==> flow/design.v <==
module alu_comparator_rtl #(
  parameter DW = 32
) (
  input clk,
  input aresetn,
  input [DW-1:0] i_a,
  input [DW-1:0] i_b,
  output reg o_a_lt_b,
  output reg o_equal
);
  wire [DW:0] cur;
  assign cur = {1'b0, i_a} - {1'b0, i_b};
  always @(posedge clk) begin
    if (~aresetn) begin
      o_a_lt_b <= 1'b0;
      o_equal <= 1'b0;
    end else begin
      o_a_lt_b <= cur[DW];
      o_equal <= ~|cur[DW-1:0];
    end
  end
endmodule
From RTL to reports: alu_comparator_rtl
What the tools print for alu_comparator_rtl, step after step. Lines are those of the file above, counted from 1. Library cell names are shortened. The mark - stands for no value.

Design top: alu_comparator_rtl. Clock input: clk. Standard-cell library: sky130hd. Library corner: tt_025C_1v80.

After elaboration
Yosys after proc, flatten, opt, wreduce and memory -nomap, before mapping. Enables and synchronous resets that opt folds into registers are not counted as muxes. Memory bits, and registers merged into a memory's read port (data or address), are not among the register bits. Print and check cells are not counted. Equal cells are merged and count once.

The figure for register bits is 2. For bits of input ports the number is 66. The entry for output and inout bits reads 2. For word-level cells the number is 5.

For $add $sub $neg the number is 1. For reductions and logical operators the number is 2.

Operator list (number): subtractor 32 x 32 -> 33 bit (1); OR reduction 32 bit (1); logical NOT 1 bit (1).

Depth
Depth = most cells in a row (Yosys ltp): at word level without a register or memory, in the mapped netlist without a sequential cell, where the memories' decode and read muxes count.

The entry for depth after elaboration reads 3. The entry for ABC_AREA reads 0. The figure for depth in mapped cells is 12.

Netlist
The flow's flattened synthesis, as Yosys stat reports it; memories are mapped. The netlist is that of the ABC_AREA named above (0 if unset); the other value can give another one.

For cells in the netlist the number is 318. For chip area (Yosys) the number is 0.0021871 mm². The entry for flip-flop cells reads 2. For buffers the number is 8.

Cells by type: ha_1 (number 32, area in all 400.384 µm²); a21oi_1 (number 31, area in all 155.149 µm²); inv_1 (number 37, area in all 138.883 µm²); nand2_1 (number 31, area in all 116.362 µm²); a21o_1 (number 14, area in all 105.101 µm²); o21ai_0 (number 20, area in all 100.096 µm²); xnor2_1 (number 10, area in all 87.584 µm²); nor2_1 (number 17, area in all 63.811 µm²); xor2_1 (number 7, area in all 61.309 µm²); nand4_1 (number 9, area in all 56.304 µm²); o211ai_1 (number 7, area in all 52.55 µm²); o21a_1 (number 7, area in all 52.55 µm²); dfxtp_1 (number 2, area in all 40.038 µm²); mux2i_1 (number 4, area in all 40.038 µm²); nand3_1 (number 8, area in all 40.038 µm²); a211oi_2 (number 3, area in all 37.536 µm²); nand2b_1 (number 6, area in all 37.536 µm²); nor3_1 (number 6, area in all 30.029 µm²).

Other cell types: 44; their cells: 67.

Path before layout
Source: OpenSTA report_checks on the synthesized netlist (no wires, ideal clock, input and output delay 20% of the period each), path of least setup slack; recovery checks are left aside. Register names are those of the netlist, which keeps one name where synthesis merged equal registers.

Path kind: input to register. Start point: in i_a[0]. End point: reg o_equal. The figure for period is 4.24 ns. Input delay: 0.848 ns. For setup time the number is 0.088 ns. Under launch time at the first pin stands 0.848 ns. Arrival: 3.472 ns. Slack: 0.680 ns. Path delay: 2.712 ns. For stages the number is 12. The figure for buffers on the path is 0. Synthesis period reached: 3.56 ns.

"path delay" = arrival - input delay + setup time. "stages" counts driving pins, that of a launching flip-flop among them; a cell with two outputs on the path counts twice. "synthesis period reached" is the clock period less the worst setup slack; recovery checks do not enter. This is arithmetic on one report: input and output delays are still those of the set period (20% each). Between the ends stands the longest chain of elaborated cells between them, by number of cells; it is not shown to be the way that was timed. Of several equally long chains one is given. A line is the first line of the expression or statement that the cell stems from. Yosys adds cells for indexed reads and writes and turns some case tables into memories.

Cell sequence: inv_1 > ha_1 > fa_1 > nand2b_1 > a211oi_2 > o21ai_0 > a211oi_1 > o211ai_1 > nor4_1 > nand4_1 > or4_1 > nor4_2. For length of the longest elaborated chain the number is 3.

Ends and longest elaborated chain, post-synthesis: from (decl) (RTL line 6) `input [DW-1:0] i_a,`; subtractor 32 x 32 -> 33 bit (RTL line 12) `assign cur = {1'b0, i_a} - {1'b0, i_b};`; OR reduction 32 bit (RTL line 19) `o_equal <= ~|cur[DW-1:0];`; logical NOT 1 bit (RTL line 19); to (assign) (RTL line 16) `o_equal <= 1'b0;`; to (assign) (RTL line 19); to (decl) (RTL line 9) `output reg o_equal`.

Timing after layout
From the final timing report of stored run 1: the path of least setup slack in the routed layout; clock arrival at registers is part of the times.

Path kind: input to register. Start point: in i_a[0]. End point: reg o_equal. The figure for period is 4.24 ns. Input delay: 0.85 ns. For setup time the number is 0.08 ns. Under launch time at the first pin stands 0.85 ns. Arrival: 4.07 ns. Slack: 0.31 ns. For stages the number is 13. The figure for buffers on the path is 1.

Between the ends stands the longest chain of elaborated cells between them, by number of cells; it is not shown to be the way that was timed. Of several equally long chains one is given.

Cell sequence: clkdlybuf4s50_1 > inv_1 > ha_1 > fa_1 > nand2b_1 > a211oi_4 > o21ai_0 > a21oi_1 > mux2i_1 > a2111oi_4 > nand4_1 > or4_1 > nor4_2. For length of the longest elaborated chain the number is 3.

Ends and longest elaborated chain, post-layout: from (decl) (RTL line 6) `input [DW-1:0] i_a,`; subtractor 32 x 32 -> 33 bit (RTL line 12) `assign cur = {1'b0, i_a} - {1'b0, i_b};`; OR reduction 32 bit (RTL line 19) `o_equal <= ~|cur[DW-1:0];`; logical NOT 1 bit (RTL line 19); to (assign) (RTL line 16) `o_equal <= 1'b0;`; to (assign) (RTL line 19); to (decl) (RTL line 9) `output reg o_equal`.

Settings and measured results of 3 stored flow runs for module alu_comparator_rtl (sky130hd), not sorted in any way. The constraints put input and output delay at 20% of the set period each and load the outputs with 0.01 pF. "worst setup path time" = time allowed to the worst setup path (clock period - input delay - output delay, where it has them) - its slack; a late launch clock adds to it, a late capture clock takes from it. By "total power after layout" is meant OpenSTA's value without simulated activity: inputs other than the clock are taken to toggle once in ten clock periods, and the tool carries that through the logic.

Files of stored run 1:
==> flow/run.sh <==
#!/bin/bash
# the make line also repeats the synthesis and layout settings of config.mk as NAME=value (left out here)
make -C /OpenROAD-flow-scripts/flow DESIGN_CONFIG=/design/flow/config.mk WORK_HOME=/design/flow/orfs CLKGATE_MAP_FILE= finish
==> flow/config.mk <==
export PLATFORM = sky130hd
export DESIGN_NAME = alu_comparator_rtl
export DESIGN_NICKNAME = alu_comparator_rtl
export VERILOG_FILES = /design/flow/design.v
export SDC_FILE = /design/flow/constraint.sdc
export NUM_CORES = 4
export LEC_CHECK = 0
export CAP_MARGIN = 20
export CORE_MARGIN = 2
export CORE_UTILIZATION = 40
export SLEW_MARGIN = 20
==> flow/constraint.sdc <==
create_clock -name core_clock -period 4.24 [get_ports {clk}]
set_input_delay 0.8480 -clock core_clock [delete_from_list [all_inputs] [get_ports {clk}]]
set_output_delay 0.8480 -clock core_clock [all_outputs]
set_load 0.01 [all_outputs]

Results of stored run 1. The synthesized cell area is 0.0021871 mm². The measured area of the die is 0.0060754 mm². The utilization is 57.6%. The worst setup slack after layout comes to 0.307 ns. The measured final setup TNS is 0.000 ns. The total power after layout reads 497.9 µW. The worst setup path time stands at 3.08 ns. Worst path kind: input to register.

Files of stored run 2:
==> flow/run.sh <==
#!/bin/bash
# the make line also repeats the synthesis and layout settings of config.mk as NAME=value (left out here)
make -C /OpenROAD-flow-scripts/flow DESIGN_CONFIG=/design/flow/config.mk WORK_HOME=/design/flow/orfs CLKGATE_MAP_FILE= finish
==> flow/config.mk <==
export PLATFORM = sky130hd
export DESIGN_NAME = alu_comparator_rtl
export DESIGN_NICKNAME = alu_comparator_rtl
export VERILOG_FILES = /design/flow/design.v
export SDC_FILE = /design/flow/constraint.sdc
export NUM_CORES = 4
export LEC_CHECK = 0
export CAP_MARGIN = 40
export CELL_PAD_IN_SITES_DETAIL_PLACEMENT = 1
export CORE_ASPECT_RATIO = 1.38
export CORE_MARGIN = 9
export CORE_UTILIZATION = 22
export GPL_TIMING_DRIVEN = 0
export MIN_ROUTING_LAYER = met1
export SETUP_SLACK_MARGIN = -0.35
export SLEW_MARGIN = 20
==> flow/constraint.sdc <==
create_clock -name core_clock -period 3.82 [get_ports {clk}]
set_input_delay 0.7640 -clock core_clock [delete_from_list [all_inputs] [get_ports {clk}]]
set_output_delay 0.7640 -clock core_clock [all_outputs]
set_load 0.01 [all_outputs]

Results of stored run 2. The synthesized cell area is 0.0021871 mm². The measured area of the die is 0.013901 mm². The utilization is 32.7%. The worst setup slack after layout comes to -0.147 ns. The measured final setup TNS is -0.147 ns. The total power after layout reads 644.4 µW. The worst setup path time stands at 3.20 ns. Worst path kind: input to register.

Files of stored run 3:
==> flow/run.sh <==
#!/bin/bash
# the make line also repeats the synthesis and layout settings of config.mk as NAME=value (left out here)
make -C /OpenROAD-flow-scripts/flow DESIGN_CONFIG=/design/flow/config.mk WORK_HOME=/design/flow/orfs CLKGATE_MAP_FILE= finish
==> flow/config.mk <==
export PLATFORM = sky130hd
export DESIGN_NAME = alu_comparator_rtl
export DESIGN_NICKNAME = alu_comparator_rtl
export VERILOG_FILES = /design/flow/design.v
export SDC_FILE = /design/flow/constraint.sdc
export NUM_CORES = 4
export LEC_CHECK = 0
export CAP_MARGIN = 20
export CELL_PAD_IN_SITES_DETAIL_PLACEMENT = 1
export CELL_PAD_IN_SITES_GLOBAL_PLACEMENT = 1
export CORE_MARGIN = 2
export CORE_UTILIZATION = 61
export CTS_CLUSTER_DIAMETER = 125
export SETUP_SLACK_MARGIN = 0.56
export SLEW_MARGIN = 35
export TNS_END_PERCENT = 85
==> flow/constraint.sdc <==
create_clock -name core_clock -period 2.49 [get_ports {clk}]
set_input_delay 0.4980 -clock core_clock [delete_from_list [all_inputs] [get_ports {clk}]]
set_output_delay 0.4980 -clock core_clock [all_outputs]
set_load 0.01 [all_outputs]

Outcome of stored run 3: not finished: placement ended with error GPL-0301.
